==> flow/design.v <==
module ram_block_rtl #(
   parameter int NREGS = 12,
   parameter int WD = 24,
   parameter int RP = 6,
   parameter int ADDR_W = $clog2(NREGS)
) (
   input logic clk_i,
   input logic wen,
   input logic [ADDR_W-1:0] wsel,
   input logic [WD-1:0] write_data,
   input logic [RP*ADDR_W-1:0] rsel,
   output logic [RP*WD-1:0] rd
);
   logic [NREGS*WD-1:0] ram;
   generate
      for (genvar g = 0; g < NREGS; g++) begin : each
         always_ff @(posedge clk_i)
            if (wen && wsel == g) ram[g*WD +: WD] <= write_data;
      end
   endgenerate
   logic [RP*WD-1:0] work;
   always_comb begin
      work = '0;
      for (int j = 0; j < RP; j++) begin
         for (int n = 0; n < NREGS; n++)
            work[j*WD +: WD] = work[j*WD +: WD] | (ram[n*WD +: WD] & {WD{rsel[j*ADDR_W +: ADDR_W] == n}});
      end
   end
   assign rd = work;
endmodule
; Step by step through the tools: ram_block_rtl
; Tool output for the design above, in the order of the flow.
; Line numbers count from 1 in the design file above.
; Cell names lack the library's common part.
; Not given: -
[inputs]
top_module = ram_block_rtl
clock = clk_i
cell_library = sky130hd
lib_corner = tt_025C_1v80

; After elaboration
; Yosys after proc, flatten, opt, wreduce and memory -nomap, before mapping. Enables and synchronous resets that opt folds into registers are not counted as muxes. Memory bits, and registers merged into a memory's read port (data or address), are not among the register bits. Print and check cells are not counted. Equal cells are merged and count once.
[bits]
word_cells = 246
register_bits = 288
output_inout_bits = 144
[classes]
n_reduce_logical = 19
logic = 138
eq_ne = 77
[op_table]
columns = op, count
row1 = 24-bit AND, 72
row2 = 24-bit bitwise OR, 66
row3 = 4-bit by 3-bit equality test with 1-bit output (second input constant), 28
row4 = 4-bit equality test (second input constant), 28
row5 = 4-bit by 2-bit equality test with 1-bit output (second input constant), 14
row6 = 4-bit by 1-bit equality test with 1-bit output (second input constant), 7
row7 = 4-bit zero test, 7
row8 = 1-bit logical AND, 12

; Logic depth
; Longest topological path by Yosys (ltp), each cell counted once; first at word level (registers and memories cut), then after technology mapping (sequential cells cut; the memories' decode and read muxes count).
[logic_depth]
depth_word = 13
abc_area = 0
ltp_mapped = 8
mapped_depth_nobuf = 4

; After synthesis
; Source: synth_stat.txt of the flow (Yosys; design flattened, memories mapped). It holds for the ABC_AREA given above (unset counts as 0); a run with the other value may have another netlist.
[synth_totals]
ff_cells = 288
seqArea_um2 = 8648.3
cells = 2310
buf_cells = 240
yosys_area_um2 = 23585.1
[by_type]
columns = cell, count, area_total_um2
row1 = edfxtp_1, 288, 8.65E+03
row2 = a22oi_1, 279, 2.09E+03
row3 = mux2i_1, 125, 1251.2
row4 = mux2_2, 96, 1.08E+03
row5 = a22o_1, 114, 998.458
row6 = a32oi_1, 79, 691.914
row7 = buf_2, 130, 650.624
row8 = mux4_2, 27, 608.083
row9 = o22ai_1, 83, 519.248
row10 = a221oi_1, 57, 499.229
row11 = nand2_1, 109, 409.142
row12 = nor2b_1, 62, 387.872
row13 = nor2_1, 78, 292.781
row14 = o2bb2ai_1, 33, 289.027
row15 = a222oi_1, 28, 280.269
row16 = a32o_1, 27, 270.259
row17 = a21oi_1, 53, 265.254
row18 = clkbuf_1, 68, 255.245
; Other cell types: 62; their cells: 574.

; Worst setup path after synthesis
; Source: OpenSTA report_checks on the synthesized netlist (no wires, ideal clock, input and output delay 20% of the period each), path of least setup slack; recovery checks are left aside. Register names are those of the netlist, which keeps one name where synthesis merged equal registers.
[synth_timing]
kind = in2reg
from = input port wsel[2]
to = register ram[0]
required_time_ns = 3.655
slack_ns = 0.653
path_delay_ns = 2.619
in_delay_ns = 0.818
path_stages = 2
t_arrival_ns = 3.002
t_first_pin_ns = 0.818
period_ns = 4.09
synth_period_reached_ns = 3.437
; "path_delay_ns" = arrival - input delay + setup time.
; "path_stages" counts driving pins, that of a launching flip-flop among them; a cell with two outputs on the path counts twice.
; "synth_period_reached_ns" = period - worst setup slack (recovery checks aside). The figure is calculated, with input and output delays left at 20% of the set period.
; Between the ends stands the longest chain of elaborated cells between them, by number of cells; it is not shown to be the way that was timed. Of several equally long chains one is given.
; A line is the first line of the expression or statement that the cell stems from. Yosys adds cells for indexed reads and writes and turns some case tables into memories.
[synth_between]
cell_sequence = or3b_2 nor3_1
elab_chain_cells = 2
cells_between = 2
cone_lines = 1
cone_classes = reduce/logical (2)
[synth_lines]
columns = item, line_no
row1 = from (decl), 9  ; input logic [ADDR_W-1:0] wsel,
row2 = 4-bit zero test, 18  ; if (wen && wsel == g) ram[g*WD +: WD] <= write_data;
row3 = 1-bit logical AND, 18
row4 = to (assign), 18
row5 = to (decl), 14  ; logic [NREGS*WD-1:0] ram;

; Worst path after layout
; Path of least setup slack in the final report of run A (OpenROAD, finished layout, wires in). Where an end is a register, its clock arrival counts in the times.
[layout_timing]
kind = in2out
from = input port rsel[9]
to = output port rd[62]
path_stages = 6
required_time_ns = 4.88
t_arrival_ns = 4.10
in_delay_ns = 1.22
slack_ns = 0.78
t_first_pin_ns = 1.22
period_ns = 6.1
; Between the ends stands the longest chain of elaborated cells between them, by number of cells; it is not shown to be the way that was timed. Of several equally long chains one is given.
[layout_between]
cell_sequence = buf_2 nor2b_1 a22oi_1 a2bb2oi_1 o311ai_1 clkdlybuf4s50_1
elab_chain_cells = 13
cells_between = 35
cone_lines = 1
cone_classes = eq/ne (11); logic (23); reduce/logical (1)
[layout_lines]
columns = item, line_no
row1 = from (decl), 11  ; input logic [RP*ADDR_W-1:0] rsel,
row2 = 4-bit zero test, 26  ; work[j*WD +: WD] = work[j*WD +: WD] | (ram[n*WD +: WD] & {WD{rsel[j*ADDR_W +: ADDR_W] == n}});
row3 = 24-bit AND, 26
row4 = 24-bit bitwise OR (11 in a row), 26
row5 = to (decl), 12  ; output logic [RP*WD-1:0] rd

FLOW RESULTS
============

Record of 2 stored runs of the RTL-to-layout flow on ram_block_rtl, platform sky130hd. The runs are unordered. Constraints: input delay and output delay 20% of the set period each, output load 0.01 pF.
"period_less_ws_ns" is the run's clock period less its worst setup slack. It is reckoned from that one timing run; input and output delays stay at 20% of the period that was set.
"worst_setup_path_time_ns" means the part of the period allowed to the worst setup path (the constraints hold back 20% at inputs and 20% at outputs) less its slack; where the path has registers, the arrival times of their clocks count too.

# run A
==> flow/run.sh <==
#!/bin/bash
# the make line also repeats the synthesis and layout settings of config.mk as NAME=value (left out here)
make -C /OpenROAD-flow-scripts/flow DESIGN_CONFIG=/design/flow/config.mk WORK_HOME=/design/flow/orfs CLKGATE_MAP_FILE= finish
==> flow/config.mk <==
export PLATFORM = sky130hd
export DESIGN_NAME = ram_block_rtl
export DESIGN_NICKNAME = ram_block_rtl
export VERILOG_FILES = /design/flow/design.v
export SDC_FILE = /design/flow/constraint.sdc
export NUM_CORES = 4
export LEC_CHECK = 0
export CAP_MARGIN = 20
export CELL_PAD_IN_SITES_GLOBAL_PLACEMENT = 1
export CORE_MARGIN = 2
export CORE_UTILIZATION = 38
export MAX_ROUTING_LAYER = met5
export PLACE_DENSITY_LB_ADDON = 0.08
export SETUP_SLACK_MARGIN = 0.38
export SLEW_MARGIN = 20
==> flow/constraint.sdc <==
create_clock -name core_clock -period 6.1 [get_ports {clk_i}]
set_input_delay 1.2200 -clock core_clock [delete_from_list [all_inputs] [get_ports {clk_i}]]
set_output_delay 1.2200 -clock core_clock [all_outputs]
set_load 0.01 [all_outputs]

==> run A: results <==
fin_util_pct=44.7
period_less_ws_ns=5.324
timing.hold.ws_ns=1.410
timing.setup.ws_ns=0.776
die_footprint_um2=64074.8
worst_setup_path_time_ns=2.88
worstPathKind="in2out"
post_synth_area_um2=23585.1
fin_tns_ns=0.000

# run B
==> flow/run.sh <==
#!/bin/bash
# the make line also repeats the synthesis and layout settings of config.mk as NAME=value (left out here)
make -C /OpenROAD-flow-scripts/flow DESIGN_CONFIG=/design/flow/config.mk WORK_HOME=/design/flow/orfs CLKGATE_MAP_FILE= finish
==> flow/config.mk <==
export PLATFORM = sky130hd
export DESIGN_NAME = ram_block_rtl
export DESIGN_NICKNAME = ram_block_rtl
export VERILOG_FILES = /design/flow/design.v
export SDC_FILE = /design/flow/constraint.sdc
export NUM_CORES = 4
export LEC_CHECK = 0
export CAP_MARGIN = 20
export CORE_MARGIN = 2
export CORE_UTILIZATION = 40
export SLEW_MARGIN = 20
==> flow/constraint.sdc <==
create_clock -name core_clock -period 4.09 [get_ports {clk_i}]
set_input_delay 0.8180 -clock core_clock [delete_from_list [all_inputs] [get_ports {clk_i}]]
set_output_delay 0.8180 -clock core_clock [all_outputs]
set_load 0.01 [all_outputs]

==> run B: results <==
fin_util_pct=52.4
period_less_ws_ns=4.177
timing.hold.ws_ns=1.054
timing.setup.ws_ns=-0.087
die_footprint_um2=60920.1
worst_setup_path_time_ns=2.54
worstPathKind="in2out"
post_synth_area_um2=23585.1
fin_tns_ns=-0.386
